==> flow/design.v <==
module cpu_adder_n #(
  parameter WIDTH = 64
) (
  input  wire core_clk,
  input  wire [WIDTH-1:0] in_rs1,
  input  wire [WIDTH-1:0] in_rs2,
  input  wire in_c0,
  output reg [WIDTH-1:0] out_q,
  output reg out_carry_out
);
  reg [WIDTH-1:0] rs1_q;
  always @(posedge core_clk)
    rs1_q <= in_rs1;
  reg [WIDTH-1:0] rs2_q;
  always @(posedge core_clk)
    rs2_q <= in_rs2;
  reg c0_q;
  always @(posedge core_clk)
    c0_q <= in_c0;
  wire [WIDTH-1:0] nxt;
  wire [WIDTH:0] carry;
  assign carry[0] = c0_q;
  genvar ii;
  generate
    for (ii = 0; ii < WIDTH; ii = ii + 1) begin : blk
      assign nxt[ii] = rs1_q[ii] ^ rs2_q[ii] ^ carry[ii];
      assign carry[ii+1] = (rs1_q[ii] & rs2_q[ii]) | (carry[ii] & (rs1_q[ii] ^ rs2_q[ii]));
    end
  endgenerate
  always @(posedge core_clk)
    out_q <= nxt;
  always @(posedge core_clk)
    out_carry_out <= carry[WIDTH];
endmodule
**From RTL to reports: cpu_adder_n**

Tool output for the design above, in the order of the flow.
Line numbers count from 1 in the design file above.
Operators: Yosys type, input widths -> output width; for muxes data width and select width s.
Library cell names are shortened.
Not given: -

- Top module: cpu_adder_n
- Clock input: core_clk
- Cell library: sky130hd
- Library corner: tt_025C_1v80

**Word level**

Counts by Yosys on the flattened word-level netlist (proc, flatten, opt, wreduce; memories kept). Register bits leave out memories and registers merged into their read ports (data or address); mux counts leave out enables and synchronous resets folded into registers. Print and check cells are left out. Cells with the same type and inputs are merged into one.

- Bitwise logic cells: 320

Operators by type and width:

| cell | count |
|---|---|
| $and 1x1->1 | 128 |
| $xor 1x1->1 | 128 |
| $or 1x1->1 | 64 |

- Cells after elaboration: 325
- Register bits after elaboration: 194

**Depth**

Longest topological path by Yosys (ltp), each cell counted once; first at word level (registers and memories cut), then after technology mapping (sequential cells cut; the memories' decode and read muxes count).

- Depth in word-level cells: 129
- ABC_AREA: 0
- Gate-level depth with buffers: 68
- Mapped depth without buffers: 68

**Synthesis result**

Yosys stat after the flow's synthesis: flattened, memories mapped to cells. It holds for the ABC_AREA given above (unset counts as 0); a run with the other value may have another netlist.

Cell types:

| type | count | total area (µm²) |
|---|---|---|
| dfxtp_1 | 194 | 3.88E+03 |
| fa_1 | 64 | 1.28E+03 |
| inv_1 | 10 | 37.536 |

- Mapped cells: 268
- Mapped area: 5202.5 µm²
- Flip-flop cells: 194
- Sequential area: 3883.7 µm²

**Path before layout**

Source: OpenSTA report_checks on the synthesized netlist (no wires, ideal clock, input and output delay 20% of the period each), path of least setup slack; recovery checks are left aside. Register names are those of the netlist, which keeps one name where synthesis merged equal registers.

- Path kind: reg2reg
- Start point: reg rs1_q[0]
- End point: reg out_q[63]
- Data arrival time: 24.586 ns
- Path delay: 24.643 ns
- Setup slack: 6.157 ns
- Driving pins on the path: 69
- Setup time: 0.057 ns
- Data required time: 30.743 ns
- Period: 30.8 ns
- Synthesis period reached: 24.643 ns

"path delay" = arrival - input delay + setup time.
"driving pins on the path" counts driving pins, that of a launching flip-flop among them; a cell with two outputs on the path counts twice.
"synthesis period reached" = period - worst setup slack (recovery checks aside). The figure is calculated, with input and output delays left at 20% of the set period.
Between the ends stands the longest chain of elaborated cells between them, by number of cells; it is not shown to be the way that was timed. Of several equally long chains one is given.
Each line given opens the expression or statement behind the cell; cells for indexed reads and writes are added by Yosys, which also makes memories of some case tables.

- Path through: dfxtp_1 > fa_1 > fa_1 > fa_1 > fa_1 > fa_1 > fa_1 > fa_1 > fa_1 > fa_1 > fa_1 > fa_1 > fa_1 > fa_1 > fa_1 > fa_1 > fa_1 > fa_1 > (+33 left out) > fa_1 > fa_1 > fa_1 > fa_1 > fa_1 > fa_1 > fa_1 > fa_1 > fa_1 > fa_1 > fa_1 > inv_1 > fa_1 > inv_1 > fa_1 > inv_1 > fa_1 > inv_1
- Length of the longest elaborated chain: 128
- Elaborated cells on any way between the ends: 129
- Those cells by class: logic: 129

RTL lines, path post-synthesis:

| what | RTL line | RTL |
|---|---|---|
| from (decl) | 11 | `reg [WIDTH-1:0] rs1_q;` |
| from (assign) | 13 | `rs1_q <= in_rs1;` |
| $xor 1x1->1 | 27 | `assign carry[ii+1] = (rs1_q[ii] & rs2_q[ii]) \| (carry[ii] & (rs1_q[ii] ^ rs2_q[ii]));` |
| $and 1x1->1 | 27 |  |
| $or 1x1->1 | 27 |  |
| $and 1x1->1 | 27 |  |
| $or 1x1->1 | 27 |  |
| $and 1x1->1 | 27 |  |
| $or 1x1->1 | 27 |  |
| (+114 left out) | - |  |
| $and 1x1->1 | 27 |  |
| $or 1x1->1 | 27 |  |
| $and 1x1->1 | 27 |  |
| $or 1x1->1 | 27 |  |
| $and 1x1->1 | 27 |  |
| $or 1x1->1 | 27 |  |
| $xor 1x1->1 | 26 | `assign nxt[ii] = rs1_q[ii] ^ rs2_q[ii] ^ carry[ii];` |
| to (assign) | 31 | `out_q <= nxt;` |
| to (decl) | 8 | `output reg [WIDTH-1:0] out_q,` |

**Worst path after layout**

From the final timing report of run A: the path of least setup slack in the routed layout; clock arrival at registers is part of the times.

- Path kind: reg2reg
- Start point: reg rs1_q[0]
- End point: reg out_q[63]
- Data required time: 15.88 ns
- Period: 15.5 ns
- Driving pins on the path: 69
- Setup slack: -7.42 ns
- Data arrival time: 23.29 ns
- Setup time: 0.05 ns

Between the ends stands the longest chain of elaborated cells between them, by number of cells; it is not shown to be the way that was timed. Of several equally long chains one is given.

- Path through: dfxtp_2 > fa_2 > fa_2 > fa_2 > fa_2 > fa_2 > fa_2 > fa_2 > fa_2 > fa_2 > fa_2 > fa_2 > fa_2 > fa_2 > fa_2 > fa_2 > fa_2 > fa_2 > (+33 left out) > fa_2 > fa_2 > fa_2 > fa_2 > fa_2 > fa_2 > fa_2 > fa_2 > fa_2 > fa_2 > fa_2 > inv_2 > fa_1 > inv_1 > fa_1 > inv_1 > fa_1 > inv_1
- Length of the longest elaborated chain: 128
- Elaborated cells on any way between the ends: 129
- Those cells by class: logic: 129

RTL lines, path post-layout:

| what | RTL line | RTL |
|---|---|---|
| from (decl) | 11 | `reg [WIDTH-1:0] rs1_q;` |
| from (assign) | 13 | `rs1_q <= in_rs1;` |
| $xor 1x1->1 | 27 | `assign carry[ii+1] = (rs1_q[ii] & rs2_q[ii]) \| (carry[ii] & (rs1_q[ii] ^ rs2_q[ii]));` |
| $and 1x1->1 | 27 |  |
| $or 1x1->1 | 27 |  |
| $and 1x1->1 | 27 |  |
| $or 1x1->1 | 27 |  |
| $and 1x1->1 | 27 |  |
| $or 1x1->1 | 27 |  |
| (+114 left out) | - |  |
| $and 1x1->1 | 27 |  |
| $or 1x1->1 | 27 |  |
| $and 1x1->1 | 27 |  |
| $or 1x1->1 | 27 |  |
| $and 1x1->1 | 27 |  |
| $or 1x1->1 | 27 |  |
| $xor 1x1->1 | 26 | `assign nxt[ii] = rs1_q[ii] ^ rs2_q[ii] ^ carry[ii];` |
| to (assign) | 31 | `out_q <= nxt;` |
| to (decl) | 8 | `output reg [WIDTH-1:0] out_q,` |

Appendix: measured runs

3 stored runs of cpu_adder_n in the flow (synthesis by Yosys, layout by OpenROAD, sky130hd cells), in arbitrary order. Constraints: input delay and output delay 20% of the set period each, output load 0.01 pF.
"clock period reached": clock period set for the run, less the worst setup slack. It is reckoned from that one timing run; input and output delays stay at 20% of the period that was set.

### Run A

==> flow/run.sh <==
#!/bin/bash
# the make line also repeats the synthesis and layout settings of config.mk as NAME=value (left out here)
make -C /OpenROAD-flow-scripts/flow DESIGN_CONFIG=/design/flow/config.mk WORK_HOME=/design/flow/orfs CLKGATE_MAP_FILE= finish
==> flow/config.mk <==
export PLATFORM = sky130hd
export DESIGN_NAME = cpu_adder_n
export DESIGN_NICKNAME = cpu_adder_n
export VERILOG_FILES = /design/flow/design.v
export SDC_FILE = /design/flow/constraint.sdc
export NUM_CORES = 4
export LEC_CHECK = 0
export CAP_MARGIN = 20
export CELL_PAD_IN_SITES_GLOBAL_PLACEMENT = 2
export CORE_MARGIN = 2
export CORE_UTILIZATION = 18
export CTS_CLUSTER_SIZE = 31
export MAX_ROUTING_LAYER = met5
export PLACE_DENSITY_LB_ADDON = 0.21
export SETUP_SLACK_MARGIN = 1.09
export SLEW_MARGIN = 20
export TNS_END_PERCENT = 85
==> flow/constraint.sdc <==
create_clock -name core_clock -period 15.5 [get_ports {core_clk}]
set_input_delay 3.1000 -clock core_clock [delete_from_list [all_inputs] [get_ports {core_clk}]]
set_output_delay 3.1000 -clock core_clock [all_outputs]
set_load 0.01 [all_outputs]

Results of run A:
- Total die area: 30277.7 µm²
- Worst hold slack in the final report: 0.534 ns
- Utilization: 29.3 %
- Worst slack on setup checks: -7.415 ns
- Standard-cell area after layout: 8371.8 µm²
- Clock period reached: 22.915 ns
- Yosys chip area after synthesis: 5202.5 µm²

### Run B

==> flow/run.sh <==
#!/bin/bash
# the make line also repeats the synthesis and layout settings of config.mk as NAME=value (left out here)
make -C /OpenROAD-flow-scripts/flow DESIGN_CONFIG=/design/flow/config.mk WORK_HOME=/design/flow/orfs CLKGATE_MAP_FILE= finish
==> flow/config.mk <==
export PLATFORM = sky130hd
export DESIGN_NAME = cpu_adder_n
export DESIGN_NICKNAME = cpu_adder_n
export VERILOG_FILES = /design/flow/design.v
export SDC_FILE = /design/flow/constraint.sdc
export NUM_CORES = 4
export LEC_CHECK = 0
export ABC_AREA = 1
export CAP_MARGIN = 40
export CELL_PAD_IN_SITES_GLOBAL_PLACEMENT = 1
export CORE_ASPECT_RATIO = 1.27
export CORE_MARGIN = 5
export CORE_UTILIZATION = 57
export CTS_CLUSTER_DIAMETER = 164
export CTS_CLUSTER_SIZE = 84
export GPL_ROUTABILITY_DRIVEN = 1
export GPL_TIMING_DRIVEN = 0
export MAX_ROUTING_LAYER = met4
export MIN_ROUTING_LAYER = met2
export PLACE_DENSITY_LB_ADDON = 0.02
export SETUP_SLACK_MARGIN = -0.48
export SLEW_MARGIN = 20
export TNS_END_PERCENT = 15
==> flow/constraint.sdc <==
create_clock -name core_clock -period 44.4 [get_ports {core_clk}]
set_input_delay 8.8800 -clock core_clock [delete_from_list [all_inputs] [get_ports {core_clk}]]
set_output_delay 8.8800 -clock core_clock [all_outputs]
set_load 0.01 [all_outputs]

Results of run B:
- Total die area: 11151.7 µm²
- Worst hold slack in the final report: 0.501 ns
- Utilization: 87.6 %
- Worst slack on setup checks: 17.980 ns
- Standard-cell area after layout: 7868.8 µm²
- Clock period reached: 26.420 ns
- Yosys chip area after synthesis: 5202.5 µm²

### Run C

==> flow/run.sh <==
#!/bin/bash
# the make line also repeats the synthesis and layout settings of config.mk as NAME=value (left out here)
make -C /OpenROAD-flow-scripts/flow DESIGN_CONFIG=/design/flow/config.mk WORK_HOME=/design/flow/orfs CLKGATE_MAP_FILE= finish
==> flow/config.mk <==
export PLATFORM = sky130hd
export DESIGN_NAME = cpu_adder_n
export DESIGN_NICKNAME = cpu_adder_n
export VERILOG_FILES = /design/flow/design.v
export SDC_FILE = /design/flow/constraint.sdc
export NUM_CORES = 4
export LEC_CHECK = 0
export CAP_MARGIN = 20
export CORE_MARGIN = 2
export CORE_UTILIZATION = 40
export SLEW_MARGIN = 20
==> flow/constraint.sdc <==
create_clock -name core_clock -period 30.8 [get_ports {core_clk}]
set_input_delay 6.1600 -clock core_clock [delete_from_list [all_inputs] [get_ports {core_clk}]]
set_output_delay 6.1600 -clock core_clock [all_outputs]
set_load 0.01 [all_outputs]

Results of run C:
- Total die area: 13934.6 µm²
- Worst hold slack in the final report: 0.504 ns
- Utilization: 63.2 %
- Worst slack on setup checks: 5.049 ns
- Standard-cell area after layout: 8007.7 µm²
- Clock period reached: 25.751 ns
- Yosys chip area after synthesis: 5202.5 µm²
